==> flow/design.v <==
module cmp_v2 #(
    parameter integer DW = 6,
    parameter integer COUNT = 3
) (
    input wire clk_i,
    input wire en,
    input wire [COUNT*DW-1:0] src,
    output reg [DW-1:0] max_o
);
    wire [DW-1:0] n_ [1:2*COUNT-1];
    genvar ii;
    generate
        for (ii = 0; ii < COUNT; ii = ii + 1) begin : blk
            assign n_[COUNT+ii] = src[ii*DW +: DW];
        end
        for (ii = 1; ii < COUNT; ii = ii + 1) begin : slice
            assign n_[ii] = (n_[2*ii] > n_[2*ii+1]) ? n_[2*ii] : n_[2*ii+1];
        end
    endgenerate
    always @(posedge clk_i) begin
        if (en) begin
            max_o <= n_[1];
        end
    end
endmodule
==> reports on cmp_v2 <==
From RTL to reports: cmp_v2
Tool output for the members of one design family, told apart by "DW", in the order of the flow.
The file above is the member DW=6. Line numbers count from 1 in each member's own file.
Library cell names are shortened.
A cell with -- has no value.
- top module: cmp_v2
- clock input: clk_i
- standard-cell library: sky130hd
- corner: tt_025C_1v80

Members of the sweep
New or changed lines of each further member against the RTL above, in its own file; lines it lacks are not shown.
- lines new or changed (DW ; line ; source):
    18 ; 2 ; parameter integer DW = 18,
    20 ; 2 ; parameter integer DW = 20,
    36 ; 2 ; parameter integer DW = 36,

Elaborated design
Yosys after proc, flatten, opt, wreduce and memory -nomap, before mapping. Enables and synchronous resets that opt folds into registers are not counted as muxes. Memory bits, and registers merged into a memory's read port (data or address), are not among the register bits. Print and check cells are not counted. Equal cells are merged and count once.
- storage and ports (DW ; word-level cells ; output and inout bits ; register bits):
    6 ; 5 ; 6 ; 6
    18 ; 5 ; 18 ; 18
    20 ; 5 ; 20 ; 20
    36 ; 5 ; 36 ; 36
- operators by class (DW ; magnitude comparators ; muxes and demuxes):
    6 ; 2 ; 2
    18 ; 2 ; 2
    20 ; 2 ; 2
    36 ; 2 ; 2
- operators by type and width (DW ; kinds with counts):
    6 ; greater-than comparator 6 bit: 2; two-way mux 6 bit: 2
    18 ; greater-than comparator 18 bit: 2; two-way mux 18 bit: 2
    20 ; greater-than comparator 20 bit: 2; two-way mux 20 bit: 2
    36 ; greater-than comparator 36 bit: 2; two-way mux 36 bit: 2

Longest topological paths
Depth = most cells in a row (Yosys ltp): at word level without a register or memory, in the mapped netlist without a sequential cell, where the memories' decode and read muxes count.
- depth (DW ; depth in word-level cells ; ABC_AREA ; depth in mapped cells ; depth with buffers taken out):
    6 ; 4 ; 0 ; 13 ; 12
    18 ; 4 ; 0 ; 17 ; 14
    20 ; 4 ; 0 ; 18 ; 16
    36 ; 4 ; 0 ; 18 ; 16

Netlist
Yosys stat after the flow's synthesis: flattened, memories mapped to cells. It holds for the ABC_AREA given above (unset counts as 0); a run with the other value may have another netlist.
The area totals of this step are shown rounded.
- synthesis totals (DW ; flip-flops ; mapped area (µm²) ; buffer cells ; cells in the netlist):
    6 ; 6 ; 696.9 ; 2 ; 75
    18 ; 18 ; 2355 ; 12 ; 249
    20 ; 20 ; 2396 ; 12 ; 253
    36 ; 36 ; 3862 ; 6 ; 370
- cell types (DW ; types with counts):
    6 ; edfxtp_1: 6; ha_1: 12; mux2_2: 5; a311o_1: 5; inv_1: 13; nor4_1: 6; nor2_1: 8; a21o_1: 2; a21oi_1: 3; nand3_1: 3; o21a_4: 1; nor2b_4: 1; and4_4: 1; mux2i_1: 1; a311oi_1: 1; o21a_1: 1; o21bai_1: 1; nor2b_1: 1; (+4)
    18 ; edfxtp_1: 18; ha_1: 36; mux2_2: 17; mux2i_1: 19; a221o_1: 17; o211ai_1: 20; inv_1: 36; nand2_1: 22; a21oi_1: 10; nand4_1: 8; buf_6: 3; o21a_1: 4; nor2b_1: 4; a21o_1: 3; o31ai_4: 1; buf_2: 4; a211o_1: 2; o21ai_2: 2; (+23)
    20 ; edfxtp_1: 20; ha_1: 40; mux2_2: 18; a221o_1: 19; inv_1: 40; nor2b_1: 24; and3_1: 20; a21oi_1: 10; nand4_1: 7; nor2_1: 8; a2111oi_4: 1; o21ai_0: 5; a211oi_1: 3; buf_4: 3; buf_6: 2; o21a_1: 3; nor4_4: 1; nand2_1: 5; (+24)
    36 ; edfxtp_1: 36; ha_1: 72; mux2_2: 41; mux2_4: 29; inv_1: 72; a21oi_1: 25; nand4_1: 12; nand2_1: 18; o211ai_1: 6; and4_1: 5; o21ai_0: 8; a221oi_1: 4; buf_6: 3; nand3_1: 5; a211oi_1: 3; nor2_1: 6; mux2i_1: 2; nor3_1: 4; (+19)
A list marked (+n) leaves out that many cells.

Path before layout
OpenSTA on the mapped netlist: ideal clock, no wires. The path of least setup slack (recovery checks aside). Input and output delay are each 20% of the period. Register names are those of the netlist, which keeps one name where synthesis merged equal registers.
- timing post-synthesis (DW ; kind ; start point ; end point ; period (ns) ; setup slack (ns) ; stages ; delay of the path (ns) ; synthesis period reached (ns)):
    6 ; input to register ; input src[13] ; register max_o[1] ; 4.8 ; 0.770 ; 13 ; 3.071 ; 4.03
    18 ; input to register ; input src[51] ; register max_o[10] ; 5.8 ; 0.927 ; 17 ; 3.713 ; 4.873
    20 ; input to register ; input src[57] ; register max_o[10] ; 5.55 ; 0.890 ; 18 ; 3.550 ; 4.66
    36 ; input to register ; input src[106] ; register max_o[26] ; 6.56 ; 1.048 ; 18 ; 4.200 ; 5.512
"delay of the path" is the arrival time less input delay plus setup time.
"stages" counts driving pins, that of a launching flip-flop among them; a cell with two outputs on the path counts twice.
"synthesis period reached" = period - worst setup slack (recovery checks aside). The figure is calculated, with input and output delays left at 20% of the set period.
Between the ends stands the longest chain of elaborated cells between them, by number of cells; it is not shown to be the way that was timed. Of several equally long chains one is given.
Each line given opens the expression or statement behind the cell; cells for indexed reads and writes are added by Yosys, which also makes memories of some case tables.
Between the ends, post-synthesis, DW=6:
- noted length of the longest elaborated chain: 4
- RTL lines, path post-synthesis, DW=6 (element ; line ; source):
    start, declared ; 7 ; input wire [COUNT*DW-1:0] src,
    greater-than comparator 6 bit ; 17 ; assign n_[ii] = (n_[2*ii] > n_[2*ii+1]) ? n_[2*ii] : n_[2*ii+1];
    two-way mux 6 bit ; 17 ;
    greater-than comparator 6 bit ; 17 ;
    two-way mux 6 bit ; 17 ;
    end, assigned ; 22 ; max_o <= n_[1];
    end, declared ; 8 ; output reg [DW-1:0] max_o
Between the ends, post-synthesis, DW=36:
- noted length of the longest elaborated chain: 4
- RTL lines, path post-synthesis, DW=36 (element ; line ; source):
    start, declared ; 7 ; input wire [COUNT*DW-1:0] src,
    greater-than comparator 36 bit ; 17 ; assign n_[ii] = (n_[2*ii] > n_[2*ii+1]) ? n_[2*ii] : n_[2*ii+1];
    two-way mux 36 bit ; 17 ;
    greater-than comparator 36 bit ; 17 ;
    two-way mux 36 bit ; 17 ;
    end, assigned ; 22 ; max_o <= n_[1];
    end, declared ; 8 ; output reg [DW-1:0] max_o

Timing after layout
Path of least setup slack in the final report of each member's run (OpenROAD, finished layout, wires in). Where an end is a register, its clock arrival counts in the times.
- timing after layout (DW ; kind ; start point ; end point ; setup slack (ns) ; arrival time (ns) ; path buffers ; stages ; period (ns)):
    6 ; input to register ; input src[13] ; register max_o[3] ; 0.41 ; 4.38 ; 2 ; 14 ; 4.8
    18 ; input to register ; input src[51] ; register max_o[3] ; 0.61 ; 5.19 ; 2 ; 15 ; 5.8
    20 ; input to register ; input src[41] ; register max_o[10] ; 0.41 ; 5.15 ; 3 ; 18 ; 5.55
    36 ; input to register ; input src[106] ; register max_o[4] ; 0.56 ; 6.04 ; 3 ; 19 ; 6.56

Flow runs
Settings and results of one run of the flow (Yosys, OpenROAD) for each member follow. The constraints put input and output delay at 20% of the set period each and load the outputs with 0.01 pF.
- CAP_MARGIN: 20
- CORE_MARGIN at 2
- CORE_UTILIZATION: 40
- noted SLEW_MARGIN: 20
- settings that differ (DW ; period_ns):
    6 ; 4.8
    18 ; 5.8
    20 ; 5.55
    36 ; 6.56
- results (DW ; area of the synthesized netlist (µm²) ; setup TNS (ns) ; utilization after routing ; area of the die (µm²) ; worst setup slack after layout (ns) ; period achieved (ns)):
    6 ; 696.9 ; 0.000 ; 0.586 ; 2092 ; 0.409 ; 4.391
    18 ; 2355 ; 0.000 ; 0.572 ; 6517 ; 0.609 ; 5.191
    20 ; 2396 ; 0.000 ; 0.573 ; 6625 ; 0.408 ; 5.142
    36 ; 3862 ; 0.000 ; 0.6 ; 10460 ; 0.562 ; 5.998
"period achieved" = clock period - worst setup slack. The figure is calculated, with input and output delays left at 20% of the set period.
Measured values are rounded.
